==> flow/design.v <==
module core_mag_cmp_top #(
    parameter XLEN = 36
) (
    input  wire clk,
    input  wire aresetn,
    input  wire [XLEN-1:0] src1,
    input  wire [XLEN-1:0] src2,
    output reg [XLEN-1:0] min_o,
    output reg [XLEN-1:0] mx
);
    wire val = src1 < src2;
    always @(posedge clk or negedge aresetn) begin
        if (!aresetn) begin
            min_o <= 0;
            mx <= 0;
        end else begin
            min_o <= val ? src1 : src2;
            mx <= val ? src2 : src1;
        end
    end
endmodule
-- Step by step through the tools: core_mag_cmp_top
Tool output for the design above, in the order of the flow.
Line numbers count from 1 in the design file above.
Library cell names are shortened.
The mark n/a stands for no value.
- design top: core_mag_cmp_top
- clock port: clk
- cell library: sky130hd
- timing corner: tt_025C_1v80

-- After elaboration
Counts by Yosys on the flattened word-level netlist (proc, flatten, opt, wreduce; memories kept). Register bits leave out memories and registers merged into their read ports (data or address); mux counts leave out enables and synchronous resets folded into registers. Print and check cells are left out. Cells with the same type and inputs are merged into one.
- noted elaborated cells: 5
- register bits after elaboration: 72
- $lt $le $gt $ge: 1
- mux-type cells at 2
- operator list (cell ; number):
    2-to-1 mux 36 bit ; 2
    < comparator 36 bit ; 1

-- Longest topological paths
Depth = most cells in a row (Yosys ltp): at word level without a register or memory, in the mapped netlist without a sequential cell, where the memories' decode and read muxes count.
- word-level depth: 2
- ABC_AREA: 0
- noted depth in mapped cells: 9
- gate-level depth less buffers at 8

-- Mapped cells and area
Yosys stat after the flow's synthesis: flattened, memories mapped to cells. It holds for the ABC_AREA given above (unset counts as 0); a run with the other value may have another netlist.
The area totals of this step are shown rounded.
- cells by type (cell type ; number ; area in all (µm²)):
    dfrtp_1 ; 72 ; 1.8E+03
    mux2_4 ; 70 ; 1.05E+03
    ha_1 ; 35 ; 437.92
    inv_1 ; 35 ; 131.376
    a21oi_1 ; 17 ; 85.082
    buf_6 ; 7 ; 78.826
    nand2_1 ; 11 ; 41.29
    nand4_1 ; 5 ; 31.28
    o21ai_0 ; 6 ; 30.029
    a221oi_4 ; 1 ; 26.275
    mux2_2 ; 2 ; 22.522
    and4bb_2 ; 1 ; 12.512
    a221o_1 ; 1 ; 10.01
    and4_2 ; 1 ; 10.01
    a211o_1 ; 1 ; 8.758
    and4_1 ; 1 ; 8.758
    a211oi_1 ; 1 ; 7.507
    a21o_1 ; 1 ; 7.507
Other cell types: 8; their cells: 9.
- noted sequential part of the area: 0.0018 mm²
- noted synthesis area: 0.0039 mm²
- noted standard cells after synthesis: 277
- flip-flop cells: 72
- buffer cells: 7

-- Path before layout
Source: OpenSTA report_checks on the synthesized netlist (no wires, ideal clock, input and output delay 20% of the period each), path of least setup slack; recovery checks are left aside. Register names are those of the netlist, which keeps one name where synthesis merged equal registers.
- kind: input -> register
- start point: in src2[11]
- end point: reg min_o[0]
- path buffers at 1
- noted arrival: 2.850 ns
- input delay: 0.708 ns
- delay of the path at 2.267 ns
- setup slack at 0.565 ns
- noted driving pins on the path: 9
- clock period at 3.54 ns
- synthesis period reached at 2.975 ns
"delay of the path" = arrival - input delay + setup time.
"driving pins on the path" counts driving pins, that of a launching flip-flop among them; a cell with two outputs on the path counts twice.
"synthesis period reached" = period - worst setup slack (recovery checks aside). The figure is calculated, with input and output delays left at 20% of the set period.
The rows between start and end are the longest chain of elaborated cells between them; the timing report does not say that the signal goes this way. Where chains are equally long, one stands for them.
Each line given opens the expression or statement behind the cell; cells for indexed reads and writes are added by Yosys, which also makes memories of some case tables.
- cell sequence: inv_1 ha_1 a21oi_1 o21ai_1 a221o_1 a211o_1 a221oi_4 buf_6 mux2_4
- length of the longest elaborated chain at 2
- RTL lines, path after synthesis (item ; line ; source):
    start, declared ; 7 ; input  wire [XLEN-1:0] src2,
    < comparator 36 bit ; 11 ; wire val = src1 < src2;
    2-to-1 mux 36 bit ; 17 ; min_o <= val ? src1 : src2;
    end, assigned ; 14 ; min_o <= 0;
    end, assigned ; 17 ;
    end, declared ; 8 ; output reg [XLEN-1:0] min_o,

-- Worst path after layout
Path of least setup slack in the final report of run 2 (OpenROAD, finished layout, wires in). Where an end is a register, its clock arrival counts in the times.
- kind: input -> register
- start point: in src2[18]
- end point: reg min_o[29]
- clock period at 3.54 ns
- input delay: 0.71 ns
- path buffers at 3
- setup slack at 0.35 ns
- noted driving pins on the path: 11
- noted arrival: 3.41 ns
The rows between start and end are the longest chain of elaborated cells between them; the timing report does not say that the signal goes this way. Where chains are equally long, one stands for them.
- cell sequence: clkdlybuf4s50_1 inv_1 ha_1 a21oi_1 nand2_1 a221o_1 a211o_1 a221oi_4 buf_4 buf_12 mux2_4
- length of the longest elaborated chain at 2
- RTL lines, path after layout (item ; line ; source):
    start, declared ; 7 ; input  wire [XLEN-1:0] src2,
    < comparator 36 bit ; 11 ; wire val = src1 < src2;
    2-to-1 mux 36 bit ; 17 ; min_o <= val ? src1 : src2;
    end, assigned ; 14 ; min_o <= 0;
    end, assigned ; 17 ;
    end, declared ; 8 ; output reg [XLEN-1:0] min_o,

# Flow runs of core_mag_cmp_top

core_mag_cmp_top through Yosys and OpenROAD on sky130hd: 3 stored runs, unordered, with their settings and measured results. The constraints put input and output delay at 20% of the set period each and load the outputs with 0.01 pF.
"reached clock period" = clock period - worst setup slack. The figure is calculated, with input and output delays left at 20% of the set period.
By "overall power" is meant OpenSTA's value without simulated activity: inputs other than the clock are taken to toggle once in ten clock periods, and the tool carries that through the logic.
Values from the reports are rounded here.

Run 1
Settings were period_ns = 4.12; CORE_UTILIZATION = 62; PLACE_DENSITY_LB_ADDON = 0.29; CORE_ASPECT_RATIO = 0.56; CORE_MARGIN = 10; CELL_PAD_IN_SITES_DETAIL_PLACEMENT = 1; ABC_AREA = 0; GPL_TIMING_DRIVEN = 1; GPL_ROUTABILITY_DRIVEN = 1; SLEW_MARGIN = 15; MAX_ROUTING_LAYER = met4; CAP_MARGIN = 20
- no final report: placement broke off with DPL-0033

Run 2
Settings were period_ns = 3.54; CAP_MARGIN = 20; CORE_MARGIN = 2; CORE_UTILIZATION = 40; SLEW_MARGIN = 20
- utilization in the final report: 62%
- worst setup slack after layout at 0.35 ns
- mapped cell area after synthesis at 0.0039 mm²
- noted the overall power: 2300 uW
- noted the reached clock period: 3.193 ns
- full die area at 0.01 mm²
- standard-cell area of the final layout at 0.0057 mm²

Run 3
Settings were period_ns = 4.0; CORE_UTILIZATION = 52; SETUP_SLACK_MARGIN = -0.06; PLACE_DENSITY_LB_ADDON = 0.07; CORE_MARGIN = 3; CELL_PAD_IN_SITES_DETAIL_PLACEMENT = 0; GPL_ROUTABILITY_DRIVEN = 0; CAP_MARGIN = 40; MIN_ROUTING_LAYER = met1; SLEW_MARGIN = 20
- standard-cell area of the final layout at 0.0056 mm²
- full die area at 0.0085 mm²
- mapped cell area after synthesis at 0.0039 mm²
- noted the overall power: 2000 uW
- worst setup slack after layout at 0.62 ns
- utilization in the final report: 81%
- noted the reached clock period: 3.384 ns
